==> flow/design.v <==
module summer #(
  parameter int XLEN = 24,
  parameter int BS = 2
) (
  input  logic CLK,
  input  logic [XLEN-1:0] i_first,
  input  logic [XLEN-1:0] i_second,
  input  logic i_cy_in,
  output logic [XLEN-1:0] o_res,
  output logic o_cy
);
  logic [XLEN-1:0] first_ff;
  logic [XLEN-1:0] second_ff;
  logic cy_in_ff;
  always_ff @(posedge CLK) begin
    first_ff <= i_first;
    second_ff <= i_second;
    cy_in_ff <= i_cy_in;
  end
  localparam int NG = XLEN / BS;
  logic [XLEN-1:0] val;
  logic [NG:0] chain;
  assign chain[0] = cy_in_ff;
  for (genvar ii = 0; ii < NG; ii++) begin : g_bit
    wire [BS:0] s0 = first_ff[ii*BS +: BS] + second_ff[ii*BS +: BS];
    wire [BS:0] s1 = first_ff[ii*BS +: BS] + second_ff[ii*BS +: BS] + 1'b1;
    assign {chain[ii+1], val[ii*BS +: BS]} = chain[ii] ? s1 : s0;
  end
  assign o_res = val;
  assign o_cy = chain[NG];
endmodule
; Tool chain data of summer
; Tool output for the members of one design family, told apart by "BS", in the order of the flow.
; The file above is the member BS 2. Line numbers count from 1 in each member's own file.
; Operators: Yosys type, input widths -> output width; for muxes data width and select width s.
; Library cell names are shortened.
; The mark - stands for no value.
[design]
top = summer
clock = CLK
lib = sky130hd
pvt_corner = tt_025C_1v80

; Source of the members
; New or changed lines of each further member against the RTL above, in its own file; lines it lacks are not shown.
[changed_lines]
columns = BS, line
row1 = 3, 3  ; parameter int BS = 3
row2 = 4, 3  ; parameter int BS = 4
row3 = 6, 3  ; parameter int BS = 6
row4 = 8, 3  ; parameter int BS = 8
row5 = 12, 3  ; parameter int BS = 12

; After elaboration
; Counts by Yosys on the flattened word-level netlist (proc, flatten, opt, wreduce; memories kept). Register bits leave out memories and registers merged into their read ports (data or address); mux counts leave out enables and synchronous resets folded into registers. Print and check cells are left out. Cells with the same type and inputs are merged into one.
[op_classes]
columns = BS, addsub, muxes
row1 = 2, 24, 12
row2 = 3, 16, 8
row3 = 4, 12, 6
row4 = 6, 8, 4
row5 = 8, 6, 3
row6 = 12, 4, 2
[ops]
columns = BS, operators
row1 = 2, 12 x $add 2x2->3; 12 x $add 3x1->3 const B; 12 x $mux 3
row2 = 3, 8 x $add 3x3->4; 8 x $add 4x1->4 const B; 8 x $mux 4
row3 = 4, 6 x $add 4x4->5; 6 x $add 5x1->5 const B; 6 x $mux 5
row4 = 6, 4 x $add 6x6->7; 4 x $add 7x1->7 const B; 4 x $mux 7
row5 = 8, 3 x $add 8x8->9; 3 x $add 9x1->9 const B; 3 x $mux 9
row6 = 12, 2 x $add 12x12->13; 2 x $add 13x1->13 const B; 2 x $mux 13
[word_totals]
columns = BS, register_bits, input_bits, output_inout_bits, word_cells
row1 = 2, 49, 50, 25, 39
row2 = 3, 49, 50, 25, 27
row3 = 4, 49, 50, 25, 21
row4 = 6, 49, 50, 25, 15
row5 = 8, 49, 50, 25, 12
row6 = 12, 49, 50, 25, 9

; Longest topological paths
; Depth = most cells in a row (Yosys ltp): at word level without a register or memory, in the mapped netlist without a sequential cell, where the memories' decode and read muxes count.
[depth]
columns = BS, depth_word, ABC_AREA, ltp_mapped, ltp_nobuf
row1 = 2, 14, 0, 15, 15
row2 = 3, 10, 0, 15, 14
row3 = 4, 8, 0, 13, 13
row4 = 6, 6, 0, 12, 12
row5 = 8, 5, 0, 11, 11
row6 = 12, 4, 0, 13, 12

; Mapped cells and area
; The flow's flattened synthesis, as Yosys stat reports it; memories are mapped. The netlist is that of the ABC_AREA named above (0 if unset); the other value can give another one.
; The area totals of this step are shown rounded.
[types]
columns = BS, cell_types
row1 = 2, 49 x dfxtp_1; 24 x ha_1; 12 x fa_1; 28 x inv_1; 10 x xor2_1; 8 x xnor2_1; 5 x mux2_2; 8 x nand4_1; 13 x nand2_1; 9 x nand3_1; 5 x nand3b_1; 1 x a311oi_4; 3 x nand4b_1; 7 x nor2_1; 4 x nand2b_1; 5 x nor3_1; 5 x o21ai_0; 3 x nor3b_1; [+43]
row2 = 3, 49 x dfxtp_1; 32 x ha_1; 8 x fa_1; 14 x xnor2_1; 13 x xor2_1; 8 x a21o_1; 16 x nand2_1; 14 x inv_1; 9 x nand3_1; 5 x and3_1; 6 x a21oi_1; 4 x a31oi_1; 2 x mux2_2; 3 x and2_1; 3 x nand4_1; 1 x xor2_2; 1 x mux2_4; 3 x o21ai_0; [+16]
row3 = 4, 49 x dfxtp_1; 30 x ha_1; 19 x xnor2_1; 6 x fa_1; 13 x xor2_1; 13 x a21oi_1; 8 x a21o_1; 5 x mux2_2; 7 x nand4_1; 11 x nand2_1; 3 x mux2i_1; 3 x a21o_2; 2 x a2111o_1; 1 x mux2i_4; 1 x a21oi_4; 1 x nor3_4; 1 x xnor2_2; 1 x xor2_2; [+30]
row4 = 6, 49 x dfxtp_1; 28 x ha_1; 21 x xnor2_1; 13 x xor2_1; 4 x fa_1; 21 x nor2_1; 12 x a21oi_1; 16 x inv_1; 12 x nand2_1; 6 x nand4_1; 4 x a21o_1; 2 x o2111ai_2; 2 x a211oi_2; 5 x nand3_1; 3 x a211oi_1; 3 x o211ai_1; 3 x o21bai_1; 2 x and4_2; [+41]
row5 = 8, 49 x dfxtp_1; 27 x ha_1; 20 x xnor2_1; 11 x xor2_1; 17 x nand2_1; 17 x nor2_1; 8 x a21o_1; 12 x a21oi_1; 3 x fa_1; 6 x mux2i_1; 9 x nand3_1; 6 x o21a_1; 9 x o21ai_0; 7 x nand4_1; 8 x nor3_1; 6 x and2_1; 6 x nand2b_1; 4 x o31a_1; [+64]
row6 = 12, 49 x dfxtp_1; 26 x ha_1; 25 x xnor2_1; 17 x xor2_1; 28 x nor2_1; 20 x a21oi_1; 16 x nand2_1; 13 x inv_1; 7 x nor2b_1; 2 x fa_1; 8 x nor3_1; 5 x a21o_1; 6 x nand2b_1; 7 x o21ai_0; 5 x nand4_1; 4 x o211ai_1; 4 x o21a_1; 5 x nand3_1; [+28]
; The mark [+n] counts cells that are not listed.
[synth_totals]
columns = BS, stdcells, yosys_area_um2, seqArea_um2, ffs, buffers
row1 = 2, 242, 2557, 980.9, 49, 4
row2 = 3, 207, 2313, 980.9, 49, 1
row3 = 4, 204, 2406, 980.9, 49, 1
row4 = 6, 247, 2511, 980.9, 49, 0
row5 = 8, 289, 2810, 980.9, 49, 4
row6 = 12, 275, 2587, 980.9, 49, 3

; Timing after synthesis
; Source: OpenSTA report_checks on the synthesized netlist (no wires, ideal clock, input and output delay 20% of the period each), path of least setup slack; recovery checks are left aside. Register names are those of the netlist, which keeps one name where synthesis merged equal registers.
[synth_timing]
columns = BS, path_kind, from, to, tclk_ns, slack_ns, driving_pins, delay_ns, synth_period_reached_ns
row1 = 2, flip-flop to output port, register first_ff[0], output port o_res[21], 5.91, 0.947, 16, 3.781, 4.963
row2 = 3, flip-flop to output port, register first_ff[0], output port o_res[22], 5.14, 0.824, 14, 3.288, 4.316
row3 = 4, flip-flop to output port, register first_ff[0], output port o_res[21], 5.61, 0.900, 14, 3.588, 4.71
row4 = 6, flip-flop to output port, register first_ff[0], output port o_res[23], 4.98, 0.798, 12, 3.186, 4.182
row5 = 8, flip-flop to output port, register first_ff[8], output port o_res[19], 4.52, 0.721, 12, 2.895, 3.799
row6 = 12, flip-flop to output port, register first_ff[0], output port o_res[22], 4.35, 0.696, 14, 2.784, 3.654
; "delay_ns" = arrival - input delay + setup time.
; A path that ends at an output port has no setup time.
; "driving_pins" counts driving pins, that of a launching flip-flop among them; a cell with two outputs on the path counts twice.
; "synth_period_reached_ns" = period - worst setup slack (recovery checks aside). The figure is calculated, with input and output delays left at 20% of the set period.
; Between the ends stands the longest chain of elaborated cells between them, by number of cells; it is not shown to be the way that was timed. Of several equally long chains one is given.
; Each line given opens the expression or statement behind the cell; cells for indexed reads and writes are added by Yosys, which also makes memories of some case tables.
[synth_between_BS_2]
elab_chain_cells = 13
[synth_lines_BS_2]
columns = item, line
row1 = start: declaration, 12  ; logic [XLEN-1:0] first_ff;
row2 = start: assignment, 16  ; first_ff <= i_first;
row3 = $add 2x2->3, 26  ; wire [BS:0] s1 = first_ff[ii*BS +: BS] + second_ff[ii*BS +: BS] + 1'b1;
row4 = $add 3x1->3, 26
row5 = $mux 3 (11 in a row), 27  ; assign {chain[ii+1], val[ii*BS +: BS]} = chain[ii] ? s1 : s0;
row6 = end: declaration, 9  ; output logic [XLEN-1:0] o_res,
[synth_between_BS_12]
elab_chain_cells = 4
[synth_lines_BS_12]
columns = item, line
row1 = start: declaration, 12  ; logic [XLEN-1:0] first_ff;
row2 = start: assignment, 16  ; first_ff <= i_first;
row3 = $add 12x12->13, 26  ; wire [BS:0] s1 = first_ff[ii*BS +: BS] + second_ff[ii*BS +: BS] + 1'b1;
row4 = $add 13x1->13, 26
row5 = $mux 13 (2 in a row), 27  ; assign {chain[ii+1], val[ii*BS +: BS]} = chain[ii] ? s1 : s0;
row6 = end: declaration, 9  ; output logic [XLEN-1:0] o_res,

; Path in the finished layout
; From the final timing report of each member's run: the path of least setup slack in the routed layout; clock arrival at registers is part of the times.
[layout_timing]
columns = BS, path_kind, from, to, tclk_ns, slack_ns, driving_pins, arrival_ns, path_buffers
row1 = 2, flip-flop to output port, register first_ff[0], output port o_cy, 5.91, 0.30, 19, 4.43, 3
row2 = 3, flip-flop to output port, register first_ff[9], output port o_res[18], 5.14, 0.19, 15, 3.92, 1
row3 = 4, flip-flop to output port, register first_ff[0], output port o_res[17], 5.61, 0.23, 15, 4.26, 2
row4 = 6, flip-flop to output port, register first_ff[0], output port o_cy, 4.98, 0.23, 14, 3.76, 2
row5 = 8, flip-flop to output port, register first_ff[8], output port o_res[17], 4.52, 0.13, 13, 3.49, 2
row6 = 12, flip-flop to output port, register first_ff[0], output port o_res[21], 4.35, 0.23, 15, 3.25, 2

; Layout results
; Settings and results of one run of the flow (Yosys, OpenROAD) for each member follow. The constraints put input and output delay at 20% of the set period each and load the outputs with 0.01 pF.
[flow_settings]
CAP_MARGIN = 20
CORE_MARGIN = 2
CORE_UTILIZATION = 40
SLEW_MARGIN = 20
[settings_by_member]
columns = BS, period_ns
row1 = 2, 5.91
row2 = 3, 5.14
row3 = 4, 5.61
row4 = 6, 4.98
row5 = 8, 4.52
row6 = 12, 4.35
[measured]
columns = BS, synthArea_um2, final_die_area_um2, final_cell_area_um2, finalUtil_pct, worst_setup_slack_ns, setup_tns_ns, ws_hold_ns, design_power_uw, timing.achieved_period_ns
row1 = 2, 2557, 7049, 3576, 57.0, 0.299, 0.000, 1.317, 929.3, 5.611
row2 = 3, 2313, 6408, 3383, 61.1, 0.188, 0.000, 1.157, 1042, 4.952
row3 = 4, 2406, 6651, 3391, 58.0, 0.227, 0.000, 1.253, 954.3, 5.383
row4 = 6, 2511, 6928, 3612, 60.3, 0.226, 0.000, 1.130, 1104, 4.754
row5 = 8, 2810, 7712, 3960, 58.3, 0.130, 0.000, 1.041, 1294, 4.390
row6 = 12, 2587, 7128, 3581, 56.7, 0.225, 0.000, 1.009, 1185, 4.125
; "timing.achieved_period_ns": clock period set for the run, less the worst setup slack. It is reckoned from that one timing run; input and output delays stay at 20% of the period that was set.
; "design_power_uw" is the tool's figure for a default switching activity; nothing was simulated.
; The results are shown rounded.
